==> flow/design.v <==
module cpu_cmp_n (i_clk, i_rst, clk_en, in_arg0, in_arg1, out_is_lt, out_same, out_above);
   parameter BITS = 16;
   input i_clk;
   input i_rst;
   input clk_en;
   input [BITS-1:0] in_arg0;
   input [BITS-1:0] in_arg1;
   output out_is_lt;
   output out_same;
   output out_above;
   reg [BITS-1:0] arg0_reg;
   always @(posedge i_clk) begin
      if (i_rst) begin
         arg0_reg <= 0;
      end else if (clk_en) begin
         arg0_reg <= in_arg0;
      end
   end
   reg [BITS-1:0] arg1_reg;
   always @(posedge i_clk) begin
      if (i_rst) begin
         arg1_reg <= 0;
      end else if (clk_en) begin
         arg1_reg <= in_arg1;
      end
   end
   assign out_is_lt = (arg0_reg < arg1_reg);
   assign out_same = (arg0_reg == arg1_reg);
   assign out_above = (arg0_reg > arg1_reg);
endmodule
# Tool chain data of cpu_cmp_n
# Module cpu_cmp_n in several versions that differ in "BITS"; each step lists the members.
# The file above is the member BITS = 16. Line numbers count from 1 in each member's own file.
# Operators carry their Yosys type and port widths (W data, S select, Z words).
# Library cell names are shortened.
# Not given: -
dict set report inputs {
  design {cpu_cmp_n}
  clock {i_clk}
  lib {sky130hd}
  corner {tt_025C_1v80}
}

# Source of the members
# Lines of each other member's file that are new or changed against the file above; lines that a member lacks are not shown.
# BITS line
set src_changes {}
lappend src_changes {18 2} ;# parameter BITS = 18;
lappend src_changes {28 2} ;# parameter BITS = 28;
lappend src_changes {32 2} ;# parameter BITS = 32;
lappend src_changes {36 2} ;# parameter BITS = 36;
lappend src_changes {80 2} ;# parameter BITS = 80;

# Word level
# Counts by Yosys on the flattened word-level netlist (proc, flatten, opt, wreduce; memories kept). Register bits leave out memories and registers merged into their read ports (data or address); mux counts leave out enables and synchronous resets folded into registers. Print and check cells are left out. Cells with the same type and inputs are merged into one.
# BITS reg_bits inputBits wordCells
set word_totals {}
lappend word_totals {16 32 35 5}
lappend word_totals {18 36 39 5}
lappend word_totals {28 56 59 5}
lappend word_totals {32 64 67 5}
lappend word_totals {36 72 75 5}
lappend word_totals {80 160 163 5}
# BITS n_cmp eq_ne
set op_classes {}
lappend op_classes {16 2 1}
lappend op_classes {18 2 1}
lappend op_classes {28 2 1}
lappend op_classes {32 2 1}
lappend op_classes {36 2 1}
lappend op_classes {80 2 1}
# BITS operators
set ops {}
lappend ops {16 {$gt A16 B16 Y1 (1); $lt A16 B16 Y1 (1); $eq A16 B16 Y1 (1)}}
lappend ops {18 {$gt A18 B18 Y1 (1); $lt A18 B18 Y1 (1); $eq A18 B18 Y1 (1)}}
lappend ops {28 {$gt A28 B28 Y1 (1); $lt A28 B28 Y1 (1); $eq A28 B28 Y1 (1)}}
lappend ops {32 {$gt A32 B32 Y1 (1); $lt A32 B32 Y1 (1); $eq A32 B32 Y1 (1)}}
lappend ops {36 {$gt A36 B36 Y1 (1); $lt A36 B36 Y1 (1); $eq A36 B36 Y1 (1)}}
lappend ops {80 {$gt A80 B80 Y1 (1); $lt A80 B80 Y1 (1); $eq A80 B80 Y1 (1)}}

# Longest topological paths
# Yosys ltp: most cells in a row. Word level: on the elaborated netlist, between registers, memories and ports. Mapped: between sequential cells and ports; inverters and the memories' decode and read muxes count.
# BITS depth_word abc_area depth_mapped ltp_nobuf
set logic_depth {}
lappend logic_depth {16 1 0 6 6}
lappend logic_depth {18 1 0 7 7}
lappend logic_depth {28 1 0 7 7}
lappend logic_depth {32 1 0 7 7}
lappend logic_depth {36 1 0 7 7}
lappend logic_depth {80 1 0 8 8}

# After synthesis
# The flow's flattened synthesis, as Yosys stat reports it; memories are mapped. The netlist is that of the ABC_AREA named above (0 if unset); the other value can give another one.
# BITS cell_types
set by_type {}
lappend by_type {16 {dfxtp_1 (32); mux2i_1 (32); ha_1 (16); nor2_1 (34); inv_1 (17); a21oi_1 (6); buf_2 (4); nand4_1 (3); nand4_2 (1); a2111o_1 (1); clkbuf_1 (3); nand2_1 (3); o21ai_0 (2); a211oi_1 (1); a22oi_1 (1); o211ai_1 (1); a31oi_1 (1); and3_1 (1); [+2]}}
lappend by_type {18 {dfxtp_1 (36); mux2i_1 (36); ha_1 (18); nor2_1 (38); inv_1 (18); a21oi_1 (7); nand4_2 (2); a21o_1 (3); buf_4 (3); clkbuf_1 (4); nand3_1 (3); nand4_1 (2); nor4_2 (1); a22oi_1 (1); and3_2 (1); nand2_1 (2); a31oi_1 (1); and3_1 (1); [+4]}}
lappend by_type {28 {dfxtp_1 (56); mux2i_1 (56); ha_1 (28); nor2_1 (57); inv_1 (28); a21oi_1 (9); buf_2 (6); nand4_1 (4); clkbuf_1 (6); nand3_1 (4); and4_1 (2); a21o_1 (2); a221oi_2 (1); nand2_1 (4); and2_1 (2); and4_4 (1); a221o_1 (1); a221oi_1 (1); [+9]}}
lappend by_type {32 {dfxtp_1 (64); mux2i_1 (64); ha_1 (32); nor2_1 (66); inv_1 (32); a21oi_1 (12); buf_2 (7); nand2_1 (8); and4_1 (3); clkbuf_1 (7); nand4_1 (4); nand4_4 (1); nand3_1 (4); a221oi_1 (2); and4bb_4 (1); nor4_2 (1); o31ai_2 (1); a21boi_2 (1); [+10]}}
lappend by_type {36 {dfxtp_1 (72); mux2i_1 (72); ha_1 (36); nor2_1 (73); inv_1 (37); a21oi_1 (14); nand2_1 (11); a221oi_1 (4); buf_2 (7); clkbuf_1 (9); nand4_1 (5); and4_1 (3); nor4_4 (1); and4_2 (2); nand3_1 (4); nor3_2 (2); o21ai_0 (4); nand4_2 (1); [+5]}}
lappend by_type {80 {dfxtp_1 (160); mux2i_1 (160); ha_1 (80); nor2_1 (170); inv_1 (84); a21oi_1 (29); nand4_1 (17); buf_2 (16); clkbuf_1 (20); nand2_1 (20); a211oi_1 (6); o21ai_0 (7); a221oi_1 (3); nand4_2 (2); nor4_1 (4); a21o_1 (3); nor4_4 (1); nand3_1 (4); [+23]}}
# A list marked [+n] leaves out that many cells.
# BITS cells yosys_area_mm2 ffs n_buf
set synth_totals {}
lappend synth_totals {16 161 0.0015252 32 7}
lappend synth_totals {18 181 0.0017304 36 8}
lappend synth_totals {28 277 0.0026601 56 12}
lappend synth_totals {32 320 0.0030742 64 14}
lappend synth_totals {36 362 0.0034533 72 16}
lappend synth_totals {80 809 0.0076336 160 36}

# Worst setup path after synthesis
# OpenSTA on the mapped netlist: ideal clock, no wires. The path of least setup slack (recovery checks aside). Input and output delay are each 20% of the period. Register names are those of the netlist, which keeps one name where synthesis merged equal registers.
# BITS path_type start end clock_period_ps slack_ps path_stages delay_ps synth_period_reached_ps
set synth_path {}
lappend synth_path {16 {register to output} {register arg1_reg[15]} {output port out_above} 2310 372 6 1476 1938}
lappend synth_path {18 {register to output} {register arg1_reg[16]} {output port out_above} 2240 358 7 1434 1882}
lappend synth_path {28 {register to output} {register arg1_reg[21]} {output port out_is_lt} 2570 408 8 1648 2162}
lappend synth_path {32 {register to output} {register arg1_reg[14]} {output port out_is_lt} 2510 401 8 1607 2109}
lappend synth_path {36 {register to output} {register arg1_reg[34]} {output port out_above} 2670 428 8 1708 2242}
lappend synth_path {80 {register to output} {register arg1_reg[14]} {output port out_above} 2920 465 7 1871 2455}
# "delay_ps" = arrival - input delay + setup time.
# A path that ends at an output port has no setup time.
# "path_stages" counts driving pins, that of a launching flip-flop among them; a cell with two outputs on the path counts twice.
# "synth_period_reached_ps" = period - worst setup slack (recovery checks aside). The figure is calculated, with input and output delays left at 20% of the set period.
# The rows between start and end are the longest chain of elaborated cells between them; the timing report does not say that the signal goes this way. Where chains are equally long, one stands for them.
# A line is the first line of the expression or statement that the cell stems from. Yosys adds cells for indexed reads and writes and turns some case tables into memories.
dict set report synth_between_BITS_16 {
  elab_chain_len 1
}
# element line
set synth_rtl_BITS_16 {}
lappend synth_rtl_BITS_16 {{start, declared} 19} ;# reg [BITS-1:0] arg1_reg;
lappend synth_rtl_BITS_16 {{start, assigned} 22} ;# arg1_reg <= 0;
lappend synth_rtl_BITS_16 {{start, assigned} 24} ;# arg1_reg <= in_arg1;
lappend synth_rtl_BITS_16 {{$gt A16 B16 Y1} 29} ;# assign out_above = (arg0_reg > arg1_reg);
lappend synth_rtl_BITS_16 {{end, declared} 10} ;# output out_above;
dict set report synth_between_BITS_80 {
  elab_chain_len 1
}
# element line
set synth_rtl_BITS_80 {}
lappend synth_rtl_BITS_80 {{start, declared} 19} ;# reg [BITS-1:0] arg1_reg;
lappend synth_rtl_BITS_80 {{start, assigned} 22} ;# arg1_reg <= 0;
lappend synth_rtl_BITS_80 {{start, assigned} 24} ;# arg1_reg <= in_arg1;
lappend synth_rtl_BITS_80 {{$gt A80 B80 Y1} 29} ;# assign out_above = (arg0_reg > arg1_reg);
lappend synth_rtl_BITS_80 {{end, declared} 10} ;# output out_above;

# Worst path after layout
# From the final timing report of each member's run: the path of least setup slack in the routed layout; clock arrival at registers is part of the times.
# The report prints the path's times to 10 ps; the period is as set.
# BITS path_type start end clock_period_ps slack_ps path_stages arrival_time_ps
set layout_path {}
lappend layout_path {16 {register to output} {register arg1_reg[1]} {output port out_is_lt} 2310 -20 8 1860}
lappend layout_path {18 {register to output} {register arg1_reg[3]} {output port out_above} 2240 -80 8 1870}
lappend layout_path {28 {register to output} {register arg1_reg[21]} {output port out_is_lt} 2570 -60 9 2110}
lappend layout_path {32 {register to output} {register arg1_reg[7]} {output port out_is_lt} 2510 -70 10 2080}
lappend layout_path {36 {register to output} {register arg1_reg[29]} {output port out_above} 2670 -20 10 2160}
lappend layout_path {80 {register to output} {register arg1_reg[30]} {output port out_is_lt} 2920 -240 12 2570}

# Layout results
# One run of the flow (Yosys, OpenROAD) for each member, with settings and measured results. Input and output delays are each 20% of the period that was set; the output load is 0.01 pF.
dict set report settings {
  CAP_MARGIN 20
  CORE_MARGIN 2
  CORE_UTILIZATION 40
  SLEW_MARGIN 20
}
# BITS period_ns
set settings_diff {}
lappend settings_diff {16 2.31}
lappend settings_diff {18 2.24}
lappend settings_diff {28 2.57}
lappend settings_diff {32 2.51}
lappend settings_diff {36 2.67}
lappend settings_diff {80 2.92}
# BITS synthesis_area_mm2 total_die_area_mm2 finish.stdcell_area_mm2 timing.setup.ws_ps tns_setup_ps timing.hold.ws_ps achieved_clock_period_ps
set results {}
lappend results {16 0.0015252 0.0043231 0.0021145 -15 -15 498 2325}
lappend results {18 0.0017304 0.0048679 0.0024649 -78 -102 485 2318}
lappend results {28 0.0026601 0.0073188 0.0035184 -57 -87 502 2627}
lappend results {32 0.0030742 0.0084025 0.0043604 -75 -121 495 2585}
lappend results {36 0.0034533 0.0093925 0.0048609 -23 -23 484 2693}
lappend results {80 0.0076336 0.0202052 0.0108604 -237 -616 486 3157}
# "achieved_clock_period_ps" is the run's clock period less its worst setup slack. It is reckoned from that one timing run; input and output delays stay at 20% of the period that was set.
